==> flow/design.v <==
module my_mul_unit #(
   parameter integer WIDTH = 8
) (
   input wire ck,
   input wire rstn,
   input wire [WIDTH-1:0] src1_in,
   input wire [WIDTH-1:0] src2_in,
   output reg [2*WIDTH-1:0] p_out
);
   reg [WIDTH-1:0] r_src1;
   reg [WIDTH-1:0] r_src2;
   always @(posedge ck) begin
      if (~rstn) begin
         r_src1 <= 0;
         r_src2 <= 0;
         p_out <= 0;
      end else begin
         r_src1 <= src1_in;
         r_src2 <= src2_in;
         p_out <= r_src1 * r_src2;
      end
   end
endmodule
==> reports on my_mul_unit <==
**Step by step through the tools: my_mul_unit**

Module my_mul_unit in several versions that differ in "WIDTH"; each step lists the members.
The RTL above is that of WIDTH 8; lines are counted from 1 in the file of the member named.
Library cell names are shortened.
Not given: --

- Top module: my_mul_unit
- Clock: ck
- Cell library: sky130hd
- Corner: tt_025C_1v80

**Members of the sweep**

New or changed lines of each further member against the RTL above, in its own file; lines it lacks are not shown.

New or changed lines:

| WIDTH | RTL line | RTL |
|---|---|---|
| 10 | 2 | `parameter integer WIDTH = 10` |
| 11 | 2 | `parameter integer WIDTH = 11` |
| 12 | 2 | `parameter integer WIDTH = 12` |
| 18 | 2 | `parameter integer WIDTH = 18` |

**Elaborated design**

Yosys after proc, flatten, opt, wreduce and memory -nomap, before mapping. Enables and synchronous resets that opt folds into registers are not counted as muxes. Memory bits, and registers merged into a memory's read port (data or address), are not among the register bits. Print and check cells are not counted. Equal cells are merged and count once.

Cells by class:

| WIDTH | div/mod/pow operators | mux-type cells | $mul | shifts and indexed selects | equality and inequality tests | $add $sub $neg | reduce/logical cells | bitwise logic cells | order comparisons |
|---|---|---|---|---|---|---|---|---|---|
| 8 | 0 | 0 | 1 | 0 | 0 | 0 | 0 | 0 | 0 |
| 10 | 0 | 0 | 1 | 0 | 0 | 0 | 0 | 0 | 0 |
| 11 | 0 | 0 | 1 | 0 | 0 | 0 | 0 | 0 | 0 |
| 12 | 0 | 0 | 1 | 0 | 0 | 0 | 0 | 0 | 0 |
| 18 | 0 | 0 | 1 | 0 | 0 | 0 | 0 | 0 | 0 |

Operators with widths:

| WIDTH | kind and count |
|---|---|
| 8 | 1 x multiplier 8 x 8 -> 16 bit |
| 10 | 1 x multiplier 10 x 10 -> 20 bit |
| 11 | 1 x multiplier 11 x 11 -> 22 bit |
| 12 | 1 x multiplier 12 x 12 -> 24 bit |
| 18 | 1 x multiplier 18 x 18 -> 36 bit |

Storage and ports:

| WIDTH | elaborated cells | output and inout port bits | memories kept | flip-flop bits (word level) | latch bits | memory bits (read-only) | clocked read ports x word width | bits in writable memories | bits of input ports |
|---|---|---|---|---|---|---|---|---|---|
| 8 | 4 | 16 | 0 | 32 | 0 | 0 | 0 | 0 | 18 |
| 10 | 4 | 20 | 0 | 40 | 0 | 0 | 0 | 0 | 22 |
| 11 | 4 | 22 | 0 | 44 | 0 | 0 | 0 | 0 | 24 |
| 12 | 4 | 24 | 0 | 48 | 0 | 0 | 0 | 0 | 26 |
| 18 | 4 | 36 | 0 | 72 | 0 | 0 | 0 | 0 | 38 |

**Depth**

Depth = most cells in a row (Yosys ltp): at word level without a register or memory, in the mapped netlist without a sequential cell, where the memories' decode and read muxes count.

Depth:

| WIDTH | word-level depth | ABC_AREA | depth in mapped cells | mapped depth without buffers |
|---|---|---|---|---|
| 8 | 1 | 0 | 15 | 15 |
| 10 | 1 | 0 | 18 | 17 |
| 11 | 1 | 0 | 19 | 18 |
| 12 | 1 | 0 | 19 | 17 |
| 18 | 1 | 0 | 23 | 21 |

**Mapped cells and area**

The flow's flattened synthesis, as Yosys stat reports it; memories are mapped. The netlist is that of the ABC_AREA named above (0 if unset); the other value can give another one.
Totals and module areas in this step are rounded.

Mapped netlist:

| WIDTH | sequential part of the area (um^2) | synthesis area (um^2) | buffers | mapped cells | flip-flops |
|---|---|---|---|---|---|
| 8 | 640.6 | 2,928 | 4 | 313 | 32 |
| 10 | 800.8 | 4,472 | 22 | 488 | 40 |
| 11 | 880.8 | 5,250 | 26 | 573 | 44 |
| 12 | 960.9 | 6,211 | 30 | 689 | 48 |
| 18 | 1,441 | 12,540 | 53 | 1,397 | 72 |

Cells by type:

| WIDTH | types with counts |
|---|---|
| 8 | 36 x fa_1; 32 x dfxtp_1; 36 x ha_1; 64 x and2_1; 49 x inv_1; 27 x nand2_1; 5 x mux2i_1; 12 x nor2_1; 6 x a21oi_1; 4 x o21a_1; 4 x nand2b_1; 3 x a211oi_1; 3 x a21o_1; 4 x nor3_1; 2 x xor2_1; 4 x clkbuf_1; 3 x o21ai_0; 1 x nor2b_4; (+18) |
| 10 | 62 x fa_1; 40 x dfxtp_1; 55 x ha_1; 74 x and2_1; 73 x inv_1; 56 x nand2_1; 22 x clkbuf_1; 7 x xor2_1; 8 x a21o_1; 16 x nor2_1; 11 x a21oi_1; 5 x xnor2_1; 7 x nor3_1; 1 x a221oi_4; 4 x and3_1; 4 x nand2b_1; 5 x o21ai_0; 3 x a211oi_1; (+35) |
| 11 | 80 x fa_1; 44 x dfxtp_1; 60 x ha_1; 98 x and2_1; 104 x inv_1; 70 x nand2_1; 26 x clkbuf_1; 8 x xnor2_1; 13 x a21oi_1; 6 x xor2_1; 5 x and3_1; 5 x nand2b_1; 4 x a21o_1; 4 x o211ai_1; 2 x a211oi_2; 5 x o21ai_0; 2 x mux2i_1; 4 x nand3_1; (+33) |
| 12 | 100 x fa_1; 48 x dfxtp_1; 62 x ha_1; 143 x inv_1; 82 x and2_1; 102 x nand2_1; 28 x clkbuf_1; 8 x a21o_1; 12 x a21oi_1; 5 x mux2i_1; 6 x a211oi_1; 9 x nor3_1; 5 x xnor2_1; 6 x nand2b_1; 8 x nor2_1; 1 x a2111oi_4; 4 x a31oi_1; 4 x and3_1; (+56) |
| 18 | 256 x fa_1; 72 x dfxtp_1; 110 x ha_1; 199 x and2_1; 313 x inv_1; 203 x nand2_1; 52 x clkbuf_1; 30 x a21oi_1; 37 x nor2_1; 13 x xnor2_1; 13 x xor2_1; 19 x o21ai_0; 11 x nand2b_1; 6 x a21o_1; 3 x a221oi_2; 4 x mux2i_1; 6 x nand4_1; 4 x o21a_1; (+46) |

A list marked (+n) leaves out that many cells.

**Worst setup path after synthesis**

OpenSTA on the mapped netlist: ideal clock, no wires. The path of least setup slack (recovery checks aside). Input and output delay are each 20% of the period. Register names are those of the netlist, which keeps one name where synthesis merged equal registers.

Timing path after synthesis:

| WIDTH | path type | start point | end point | path delay (ps) | slack (ps) | driving pins on the path | clock period (ps) | period reached after synthesis (ps) |
|---|---|---|---|---|---|---|---|---|
| 8 | reg2reg | reg r_src2[4] | reg p_out[11] | 3,890 | 970 | 16 | 4,860 | 3,890 |
| 10 | reg2reg | reg r_src1[7] | reg p_out[18] | 4,844 | 1,216 | 19 | 6,060 | 4,844 |
| 11 | reg2reg | reg r_src2[2] | reg p_out[18] | 4,751 | 1,188 | 20 | 5,940 | 4,752 |
| 12 | reg2reg | reg r_src2[5] | reg p_out[19] | 4,788 | 1,203 | 17 | 5,990 | 4,787 |
| 18 | reg2reg | reg r_src1[10] | reg p_out[34] | 5,592 | 1,399 | 21 | 6,990 | 5,591 |

"path delay" = arrival - input delay + setup time.
"driving pins on the path" counts driving pins, that of a launching flip-flop among them; a cell with two outputs on the path counts twice.
"period reached after synthesis" = period - worst setup slack (recovery checks aside). The figure is calculated, with input and output delays left at 20% of the set period.
The rows between start and end are the longest chain of elaborated cells between them; the timing report does not say that the signal goes this way. Where chains are equally long, one stands for them.
Each line given opens the expression or statement behind the cell; cells for indexed reads and writes are added by Yosys, which also makes memories of some case tables.

On the way, after synthesis, WIDTH 8:
- Length of the longest elaborated chain: 1

RTL lines, path after synthesis, WIDTH 8:

| what | RTL line | RTL |
|---|---|---|
| start: declaration | 11 | `reg [WIDTH-1:0] r_src2;` |
| start: assignment | 15 | `r_src2 <= 0;` |
| start: assignment | 19 | `r_src2 <= src2_in;` |
| multiplier 8 x 8 -> 16 bit | 20 | `p_out <= r_src1 * r_src2;` |
| end: assignment | 16 | `p_out <= 0;` |
| end: assignment | 20 |  |
| end: declaration | 8 | `output reg [2*WIDTH-1:0] p_out` |

On the way, after synthesis, WIDTH 18:
- Length of the longest elaborated chain: 1

RTL lines, path after synthesis, WIDTH 18:

| what | RTL line | RTL |
|---|---|---|
| start: declaration | 10 | `reg [WIDTH-1:0] r_src1;` |
| start: assignment | 14 | `r_src1 <= 0;` |
| start: assignment | 18 | `r_src1 <= src1_in;` |
| multiplier 18 x 18 -> 36 bit | 20 | `p_out <= r_src1 * r_src2;` |
| end: assignment | 16 | `p_out <= 0;` |
| end: assignment | 20 |  |
| end: declaration | 8 | `output reg [2*WIDTH-1:0] p_out` |

**Path in the finished layout**

Path of least setup slack in the final report of the run of each member (OpenROAD, finished layout, wires in). Where an end is a register, its clock arrival counts in the times.
The path's times are printed in steps of 10 ps; the period is the one set.

Timing path post-layout:

| WIDTH | path type | start point | end point | driving pins on the path | clock period (ps) | arrival (ps) | slack (ps) | path buffers |
|---|---|---|---|---|---|---|---|---|
| 8 | reg2reg | reg r_src1[3] | reg p_out[15] | 14 | 4,860 | 4,520 | 560 | 0 |
| 10 | reg2reg | reg r_src1[6] | reg p_out[13] | 18 | 6,060 | 5,300 | 1,000 | 0 |
| 11 | reg2reg | reg r_src1[7] | reg p_out[14] | 19 | 5,940 | 5,260 | 870 | 0 |
| 12 | reg2reg | reg r_src1[8] | reg p_out[20] | 16 | 5,990 | 5,490 | 740 | 0 |
| 18 | reg2reg | reg r_src2[4] | reg p_out[34] | 19 | 6,990 | 6,610 | 660 | 0 |

**Layout results**

Settings and results of one run of the flow (Yosys, OpenROAD) for each member follow. The constraints put input and output delay at 20% of the set period each and load the outputs with 0.01 pF.

- CAP_MARGIN: 20
- CORE_MARGIN: 2
- CORE_UTILIZATION: 40
- SLEW_MARGIN: 20

Settings that differ:

| WIDTH | period_ns |
|---|---|
| 8 | 4.86 |
| 10 | 6.06 |
| 11 | 5.94 |
| 12 | 5.99 |
| 18 | 6.99 |

Final reports:

| WIDTH | synthesized cell area (um^2) | standard-cell area after layout (um^2) | total die area (um^2) | worst hold slack in the final report (ps) | period reached (ps) | lowest setup slack (ps) |
|---|---|---|---|---|---|---|
| 8 | 2,928 | 3,467 | 8,020 | 613 | 4,298 | 562 |
| 10 | 4,472 | 5,060 | 12,040 | 658 | 5,063 | 997 |
| 11 | 5,250 | 6,003 | 14,060 | 708 | 5,071 | 869 |
| 12 | 6,211 | 7,033 | 16,540 | 656 | 5,252 | 738 |
| 18 | 12,540 | 13,950 | 32,790 | 857 | 6,327 | 663 |

By "period reached" is meant the clock period of the run minus its worst setup slack. This is arithmetic on one report: input and output delays are still those of the set period (20% each).
The measured numbers are rounded.
